==> flow/design.v <==
module sum_block_n #(
  parameter XLEN = 128
) (
  input logic clk,
  input logic rst_n,
  input logic [XLEN-1:0] rs1,
  input logic [XLEN-1:0] rs2,
  input logic c0,
  output logic [XLEN-1:0] s,
  output logic co
);
  logic [XLEN-1:0] rs1_reg;
  logic [XLEN-1:0] rs2_reg;
  logic c0_reg;
  logic [XLEN-1:0] tmp;
  logic cy;
  always_comb begin
    cy = c0_reg;
    for (int i = 0; i < XLEN; i++) begin
      tmp[i] = rs1_reg[i] ^ rs2_reg[i] ^ cy;
      cy = (rs1_reg[i] & rs2_reg[i]) | (cy & (rs1_reg[i] | rs2_reg[i]));
    end
  end
  assign s = tmp;
  assign co = cy;
  always_ff @(posedge clk) begin
    if (~rst_n) begin
      rs1_reg <= '0;
      rs2_reg <= '0;
      c0_reg <= 1'b0;
    end else begin
      rs1_reg <= rs1;
      rs2_reg <= rs2;
      c0_reg <= c0;
    end
  end
endmodule
[From RTL to reports: sum_block_n]
The steps from the RTL of sum_block_n to its reports follow in flow order.
Lines are those of the file above, counted from 1.
Cell names lack the library's common part.
Not given: n/a
Inputs
  top module: sum_block_n
  clock: clk
  standard-cell library: sky130hd
  corner: tt_025C_1v80

[After elaboration]
Yosys after proc, flatten, opt, wreduce and memory -nomap, before mapping. Enables and synchronous resets that opt folds into registers are not counted as muxes. Memory bits, and registers merged into a memory's read port (data or address), are not among the register bits. Print and check cells are not counted. Equal cells are merged and count once.
Operators by class
  add/sub/neg operators: 0
  multiply operators: 0
  divide/modulo/power cells: 0
  magnitude comparators: 0
  eq/ne operators: 0
  shift operators: 0
  mux-type cells: 0
  bitwise logic cells: 768
  reduce/logical cells: 0
Operators by type and width (number)
  1-bit AND: 256
  1-bit OR: 256
  1-bit XOR: 256
Word-level totals
  register bits: 257
  bits in latches: 0
  memory bits (writable): 0
  ROM bits: 0
  word width x clocked read ports: 0
  memories kept: 0
  input bits: 259
  output and inout port bits: 129
  word-level cells: 771

[Longest topological paths]
Yosys ltp: most cells in a row. Word level: on the elaborated netlist, between registers, memories and ports. Mapped: between sequential cells and ports; inverters and the memories' decode and read muxes count.
Depth
  depth after elaboration: 257
  ABC_AREA: 0
  mapped depth: 132
  mapped depth without buffers: 132

[After synthesis]
Source: synth_stat.txt of the flow (Yosys; design flattened, memories mapped). It holds for the ABC_AREA given above (unset counts as 0); a run with the other value may have another netlist.
Cells by type
  dfxtp_1: number 257, area in all 5.14E+03 um^2
  fa_1: number 128, area in all 2.56E+03 um^2
  and2_1: number 257, area in all 1.61E+03 um^2
  clkbuf_2: number 23, area in all 115.11 um^2
  inv_1: number 10, area in all 37.536 um^2
  clkbuf_4: number 2, area in all 15.014 um^2
  clkbuf_1: number 2, area in all 7.507 um^2
  buf_2: number 1, area in all 5.005 um^2
Synthesis totals
  cell count: 680
  cell area after synthesis: 9495.4 um^2
  sequential area: 5144.9 um^2
  mapped flip-flops: 257
  buffers: 28

[Worst setup path after synthesis]
Source: OpenSTA report_checks on the synthesized netlist (no wires, ideal clock, input and output delay 20% of the period each), path of least setup slack; recovery checks are left aside. Register names are those of the netlist, which keeps one name where synthesis merged equal registers.
Timing path post-synthesis
  path kind: flip-flop to output port
  start point: register rs1_reg[0]
  end point: output port s[127]
  clock period: 76.5 ns
  external output delay: 15.300 ns
  launch time at the first pin: 0.000 ns
  arrival time: 48.938 ns
  required time: 61.200 ns
  path slack: 12.262 ns
  path delay: 48.938 ns
  stages: 133
  path buffers: 0
  synthesis period reached: 64.238 ns
"path delay" = arrival - input delay + setup time.
A path that ends at an output port has no setup time.
"stages": output pins that drive a net of the path, with the launching flip-flop's if there is one; two outputs of one cell count as two.
"synthesis period reached" is the clock period less the worst setup slack; recovery checks do not enter. This is arithmetic on one report: input and output delays are still those of the set period (20% each).
The rows between start and end are the longest chain of elaborated cells between them; the timing report does not say that the signal goes this way. Where chains are equally long, one stands for them.
A line is the first line of the expression or statement that the cell stems from. Yosys adds cells for indexed reads and writes and turns some case tables into memories.
Between the ends, post-synthesis
  cells stage by stage: dfxtp_1 fa_1 fa_1 fa_1 fa_1 fa_1 fa_1 fa_1 fa_1 fa_1 fa_1 fa_1 fa_1 fa_1 fa_1 fa_1 fa_1 fa_1 [... 97 more ...] fa_1 fa_1 fa_1 fa_1 fa_1 fa_1 fa_1 fa_1 fa_1 fa_1 fa_1 inv_1 fa_1 inv_1 fa_1 inv_1 fa_1 inv_1
  length of the longest elaborated chain: 256
  elaborated cells on any way between the ends: 257
  RTL lines with such cells: 2
  classes of those cells: 257 x logic
RTL lines, path post-synthesis
  start, declared: line 12  | logic [XLEN-1:0] rs1_reg;
  start, assigned: line 28  | rs1_reg <= '0;
  start, assigned: line 32  | rs1_reg <= rs1;
  1-bit OR: line 21  | cy = (rs1_reg[i] & rs2_reg[i]) | (cy & (rs1_reg[i] | rs2_reg[i]));
  1-bit AND: line 21
  1-bit OR: line 21
  1-bit AND: line 21
  1-bit OR: line 21
  1-bit AND: line 21
  1-bit OR: line 21
  [... 242 more ...]
  1-bit AND: line 21
  1-bit OR: line 21
  1-bit AND: line 21
  1-bit OR: line 21
  1-bit AND: line 21
  1-bit OR: line 21
  1-bit XOR: line 20  | tmp[i] = rs1_reg[i] ^ rs2_reg[i] ^ cy;
  end, declared: line 9  | output logic [XLEN-1:0] s,

[Path in the finished layout]
From the final timing report of job 1: the path of least setup slack in the routed layout; clock arrival at registers is part of the times.
Timing path post-layout
  path kind: flip-flop to output port
  start point: register rs1_reg[0]
  end point: output port s[127]
  clock period: 66.8 ns
  external output delay: 13.36 ns
  launch time at the first pin: 0.51 ns
  arrival time: 49.81 ns
  required time: 53.44 ns
  path slack: 3.63 ns
  stages: 134
  path buffers: 1
The rows between start and end are the longest chain of elaborated cells between them; the timing report does not say that the signal goes this way. Where chains are equally long, one stands for them.
Between the ends, post-layout
  cells stage by stage: dfxtp_1 fa_1 fa_1 fa_1 fa_2 fa_1 fa_1 fa_1 fa_1 fa_2 fa_1 fa_2 fa_1 fa_1 fa_2 fa_1 fa_2 fa_1 [... 98 more ...] fa_2 fa_1 fa_1 fa_1 fa_2 fa_2 fa_2 fa_1 fa_1 fa_1 inv_1 fa_1 inv_1 fa_1 inv_1 fa_1 inv_1 clkdlybuf4s15_2
  length of the longest elaborated chain: 256
  elaborated cells on any way between the ends: 257
  RTL lines with such cells: 2
  classes of those cells: 257 x logic
RTL lines, path post-layout
  start, declared: line 12  | logic [XLEN-1:0] rs1_reg;
  start, assigned: line 28  | rs1_reg <= '0;
  start, assigned: line 32  | rs1_reg <= rs1;
  1-bit OR: line 21  | cy = (rs1_reg[i] & rs2_reg[i]) | (cy & (rs1_reg[i] | rs2_reg[i]));
  1-bit AND: line 21
  1-bit OR: line 21
  1-bit AND: line 21
  1-bit OR: line 21
  1-bit AND: line 21
  1-bit OR: line 21
  [... 242 more ...]
  1-bit AND: line 21
  1-bit OR: line 21
  1-bit AND: line 21
  1-bit OR: line 21
  1-bit AND: line 21
  1-bit OR: line 21
  1-bit XOR: line 20  | tmp[i] = rs1_reg[i] ^ rs2_reg[i] ^ cy;
  end, declared: line 9  | output logic [XLEN-1:0] s,

Memo
Re: implementation data of sum_block_n

Flow measurements of sum_block_n on sky130hd: 3 stored runs with different settings, listed in no order. Input and output delays are each 20% of the period that was set; the output load is 0.01 pF.
"achieved clock period (ns)" = clock period - worst setup slack. The figure is calculated, with input and output delays left at 20% of the set period.
By "worst setup path time (ns)" is meant the share of the clock period that the worst setup path is allowed (20% is reserved at inputs, 20% at outputs), minus its slack. Clock arrival times at its registers enter into it.
"finish__power__total" is the tool's figure for a default switching activity; nothing was simulated.

settings of job 1
{
  "period_ns": 66.8,
  "CORE_UTILIZATION": 53,
  "SETUP_SLACK_MARGIN": 2.28,
  "PLACE_DENSITY_LB_ADDON": 0.2,
  "CORE_ASPECT_RATIO": 1.22,
  "CORE_MARGIN": 2,
  "TNS_END_PERCENT": 15,
  "ABC_AREA": 0,
  "CAP_MARGIN": 40,
  "SLEW_MARGIN": 20
}
report of job 1
yosys chip area after synthesis (um^2): 9495.4
finish__design__die__area: 19007.3
finish__design__instance__area__stdcell: 14498.9
finish__design__instance__utilization: 0.8191
finish__timing__setup__ws: 3.626
finish__timing__setup__tns: 0.000
finish__timing__hold__ws: 13.416
finish__power__total: 3.772e-04
achieved clock period (ns): 63.174
worst setup path time (ns): 49.81
worst setup path kind: flip-flop to output port

settings of job 2
{
  "period_ns": 76.5,
  "CAP_MARGIN": 20,
  "CORE_MARGIN": 2,
  "CORE_UTILIZATION": 40,
  "SLEW_MARGIN": 20
}
report of job 2
yosys chip area after synthesis (um^2): 9495.4
finish__design__die__area: 24986.1
finish__design__instance__area__stdcell: 14541.4
finish__design__instance__utilization: 0.6214
finish__timing__setup__ws: 9.212
finish__timing__setup__tns: 0.000
finish__timing__hold__ws: 15.323
finish__power__total: 3.326e-04
achieved clock period (ns): 67.288
worst setup path time (ns): 51.99
worst setup path kind: flip-flop to output port

settings of job 3
{
  "period_ns": 73.9,
  "CORE_UTILIZATION": 62,
  "SETUP_SLACK_MARGIN": 5.0,
  "PLACE_DENSITY_LB_ADDON": 0.22,
  "CELL_PAD_IN_SITES_DETAIL_PLACEMENT": 1,
  "ABC_AREA": 0,
  "GPL_TIMING_DRIVEN": 1,
  "CAP_MARGIN": 35,
  "SLEW_MARGIN": 25,
  "MAX_ROUTING_LAYER": "met4",
  "CORE_MARGIN": 2
}
report of job 3: did not finish, place, DPL-0033
